==> flow/design.v <==
module my_mul_core (clk_i, rstn, i_u, i_v, o_mul);
   parameter integer DATA_W = 11;
   input clk_i;
   input rstn;
   input [DATA_W-1:0] i_u;
   input [DATA_W-1:0] i_v;
   output reg [2*DATA_W-1:0] o_mul;
   always @(posedge clk_i) begin
      if (!rstn) begin
         o_mul <= 0;
      end else begin
         o_mul <= i_u * i_v;
      end
   end
endmodule
**Step by step through the tools: my_mul_core**

The steps from the RTL of my_mul_core to its reports follow in flow order.
Line numbers count from 1 in the design file above.
Operators: Yosys type, input widths -> output width; for muxes data width and select width s.
Not given: -

- Top: my_mul_core
- Clock: clk_i
- Standard-cell library: sky130hd
- Timing corner: tt_025C_1v80

**After elaboration**

Source: Yosys, flattened and elaborated, memories not mapped. Widths are those after wreduce; folded enables and synchronous resets count as part of the registers. Registers that Yosys merges into a memory's read port (data or address) are not register bits. Print and check cells do not count. Equal cells are merged and count once.

- Output and inout bits: 22
- Elaborated cells: 2
- Bits in registers: 22

- Multiply operators: 1

Operators with widths:

| operator | number |
|---|---|
| $mul 11x11->22 | 1 |

**Longest topological paths**

Depth = most cells in a row (Yosys ltp): at word level without a register or memory, in the mapped netlist without a sequential cell, where the memories' decode and read muxes count.

- Depth after elaboration: 1
- ABC_AREA: 0
- Depth in mapped cells: 19
- Gate-level depth less buffers: 18

**Synthesis result**

Source: synth_stat.txt of the flow (Yosys; design flattened, memories mapped). It holds for the ABC_AREA given above (unset counts as 0); a run with the other value may have another netlist.
Totals and module areas in this step are rounded.

Cell types:

| cell | number | total area (µm²) |
|---|---|---|
| sky130_fd_sc_hd__fa_1 | 80 | 1.6E+03 |
| sky130_fd_sc_hd__ha_1 | 60 | 750.72 |
| sky130_fd_sc_hd__and2_1 | 76 | 475.456 |
| sky130_fd_sc_hd__dfxtp_1 | 22 | 440.422 |
| sky130_fd_sc_hd__inv_1 | 105 | 394.128 |
| sky130_fd_sc_hd__nand2_1 | 73 | 274.013 |
| sky130_fd_sc_hd__clkbuf_1 | 26 | 97.594 |
| sky130_fd_sc_hd__a21oi_1 | 17 | 85.082 |
| sky130_fd_sc_hd__xor2_1 | 8 | 70.067 |
| sky130_fd_sc_hd__o21ai_0 | 12 | 60.058 |
| sky130_fd_sc_hd__xnor2_1 | 6 | 52.55 |
| sky130_fd_sc_hd__o211ai_1 | 5 | 37.536 |
| sky130_fd_sc_hd__nor2_1 | 9 | 33.782 |
| sky130_fd_sc_hd__nand2b_1 | 5 | 31.28 |
| sky130_fd_sc_hd__a211oi_2 | 2 | 25.024 |
| sky130_fd_sc_hd__and3_1 | 4 | 25.024 |
| sky130_fd_sc_hd__nand4_1 | 4 | 25.024 |
| sky130_fd_sc_hd__o31ai_1 | 3 | 22.522 |

Other cell types: 12; their cells: 19.

- Standard cells after synthesis: 536
- Chip area (Yosys): 4600 µm²
- Buffer cells: 26
- Flip-flops: 22

**Worst setup path after synthesis**

Source: OpenSTA report_checks on the synthesized netlist (no wires, ideal clock, input and output delay 20% of the period each), path of least setup slack; recovery checks are left aside. Register names are those of the netlist, which keeps one name where synthesis merged equal registers.

- Path type: input to register
- Start: input i_v[2]
- End: register o_mul[20]
- Stages: 19
- Clock period: 7.27 ns
- Path delay: 4.650 ns
- Launch time at the first pin: 1.454 ns
- Setup time: 0.116 ns
- Setup slack: 1.166 ns
- Arrival time: 5.988 ns
- External input delay: 1.454 ns
- Synthesis period reached: 6.104 ns

"path delay" = arrival - input delay + setup time.
"stages" counts driving pins, that of a launching flip-flop among them; a cell with two outputs on the path counts twice.
"synthesis period reached" is the clock period less the worst setup slack; recovery checks do not enter. This is arithmetic on one report: input and output delays are still those of the set period (20% each).
The rows between start and end are the longest chain of elaborated cells between them; the timing report does not say that the signal goes this way. Where chains are equally long, one stands for them.
A line is the first line of the expression or statement that the cell stems from. Yosys adds cells for indexed reads and writes and turns some case tables into memories.

- Cells stage by stage: sky130_fd_sc_hd__clkbuf_1 -> sky130_fd_sc_hd__nand2_1 -> sky130_fd_sc_hd__fa_1 -> sky130_fd_sc_hd__inv_1 -> sky130_fd_sc_hd__fa_1 -> sky130_fd_sc_hd__inv_1 -> sky130_fd_sc_hd__fa_1 -> sky130_fd_sc_hd__inv_1 -> sky130_fd_sc_hd__fa_1 -> sky130_fd_sc_hd__inv_1 -> sky130_fd_sc_hd__fa_1 -> sky130_fd_sc_hd__inv_1 -> sky130_fd_sc_hd__ha_1 -> sky130_fd_sc_hd__a21oi_1 -> sky130_fd_sc_hd__o211ai_1 -> sky130_fd_sc_hd__a21boi_2 -> sky130_fd_sc_hd__nor3_1 -> sky130_fd_sc_hd__or4_1 -> sky130_fd_sc_hd__and3_1
- Length of the longest elaborated chain: 1
- Elaborated cells between the ends (all ways): 1
- RTL lines with such cells: 1
- Classes of those cells: 1 x mul

RTL lines, path post-synthesis:

| what | line | RTL |
|---|---|---|
| start: declaration | 6 | `input [DATA_W-1:0] i_v;` |
| $mul 11x11->22 | 12 | `o_mul <= i_u * i_v;` |
| end: assignment | 10 | `o_mul <= 0;` |
| end: assignment | 12 |  |
| end: declaration | 7 | `output reg [2*DATA_W-1:0] o_mul;` |

**Timing after layout**

Path of least setup slack in the final report of run 1 (OpenROAD, finished layout, wires in). Where an end is a register, its clock arrival counts in the times.

- Path type: input to register
- Start: input i_u[7]
- End: register o_mul[20]
- External input delay: 1.45 ns
- Stages: 19
- Clock period: 7.27 ns
- Setup time: 0.11 ns
- Setup slack: 0.64 ns
- Arrival time: 6.77 ns
- Launch time at the first pin: 1.45 ns

The rows between start and end are the longest chain of elaborated cells between them; the timing report does not say that the signal goes this way. Where chains are equally long, one stands for them.

- Cells stage by stage: sky130_fd_sc_hd__clkdlybuf4s50_1 -> sky130_fd_sc_hd__nand2_1 -> sky130_fd_sc_hd__fa_1 -> sky130_fd_sc_hd__inv_1 -> sky130_fd_sc_hd__fa_1 -> sky130_fd_sc_hd__inv_1 -> sky130_fd_sc_hd__fa_1 -> sky130_fd_sc_hd__inv_1 -> sky130_fd_sc_hd__fa_1 -> sky130_fd_sc_hd__inv_1 -> sky130_fd_sc_hd__fa_1 -> sky130_fd_sc_hd__inv_1 -> sky130_fd_sc_hd__ha_1 -> sky130_fd_sc_hd__a21oi_1 -> sky130_fd_sc_hd__o211ai_1 -> sky130_fd_sc_hd__a21boi_2 -> sky130_fd_sc_hd__nor3_1 -> sky130_fd_sc_hd__or4_1 -> sky130_fd_sc_hd__and3_1
- Length of the longest elaborated chain: 1
- Elaborated cells between the ends (all ways): 1
- RTL lines with such cells: 1
- Classes of those cells: 1 x mul

RTL lines, path after layout:

| what | line | RTL |
|---|---|---|
| start: declaration | 5 | `input [DATA_W-1:0] i_u;` |
| $mul 11x11->22 | 12 | `o_mul <= i_u * i_v;` |
| end: assignment | 10 | `o_mul <= 0;` |
| end: assignment | 12 |  |
| end: declaration | 7 | `output reg [2*DATA_W-1:0] o_mul;` |

Wiki page: my_mul_core / flow data

Measured data: module my_mul_core, platform sky130hd, 3 stored runs of the flow under differing settings, order arbitrary. Input and output delays are each 20% of the period that was set; the output load is 0.01 pF.
"period reached": clock period set for the run, less the worst setup slack. It is reckoned from that one timing run; input and output delays stay at 20% of the period that was set.
"time of the worst setup path" = time allowed to the worst setup path (clock period - input delay - output delay, where it has them) - its slack; a late launch clock adds to it, a late capture clock takes from it.
"power consumption" rests on the timing tool's default activity at the inputs, not on a simulated workload.
The results are shown rounded.

### Run 1

Settings: `period_ns=7.27`, `CAP_MARGIN=20`, `CORE_MARGIN=2`, `CORE_UTILIZATION=40`, `SLEW_MARGIN=20`

- Area of the synthesized netlist: 4600 µm²
- Overall die area: 12000 µm²
- Area of the standard cells in the finished layout: 5300 µm²
- Post-route utilization: 46%
- Setup slack of the critical path: 0.64 ns
- Post-route setup TNS: 0.000 ns
- Smallest hold slack: 2.1 ns
- Power consumption: 1800 uW
- Period reached: 6.633 ns
- Time of the worst setup path: 5.18 ns
- Worst setup path type: input to register

### Run 2

Settings: `period_ns=8.3`, `CORE_UTILIZATION=57`, `SETUP_SLACK_MARGIN=0.78`, `PLACE_DENSITY_LB_ADDON=0.3`, `CORE_ASPECT_RATIO=0.68`, `CELL_PAD_IN_SITES_GLOBAL_PLACEMENT=1`, `CELL_PAD_IN_SITES_DETAIL_PLACEMENT=2`, `ABC_AREA=1`, `GPL_TIMING_DRIVEN=0`, `CAP_MARGIN=15`, `SLEW_MARGIN=30`, `MIN_ROUTING_LAYER=met1`, `CORE_MARGIN=2`

Incomplete, placement halted on DPL-0033.

### Run 3

Settings: `period_ns=6.25`, `CORE_UTILIZATION=24`, `SETUP_SLACK_MARGIN=1.07`, `PLACE_DENSITY_LB_ADDON=0.24`, `CORE_ASPECT_RATIO=0.87`, `TNS_END_PERCENT=75`, `ABC_AREA=0`, `GPL_TIMING_DRIVEN=0`, `SLEW_MARGIN=30`, `MAX_ROUTING_LAYER=met4`, `CAP_MARGIN=20`, `CORE_MARGIN=2`

- Area of the synthesized netlist: 4600 µm²
- Overall die area: 20000 µm²
- Area of the standard cells in the finished layout: 6700 µm²
- Post-route utilization: 35%
- Setup slack of the critical path: 0.60 ns
- Post-route setup TNS: 0.000 ns
- Smallest hold slack: 1.4 ns
- Power consumption: 3000 uW
- Period reached: 5.651 ns
- Time of the worst setup path: 4.40 ns
- Worst setup path type: input to register
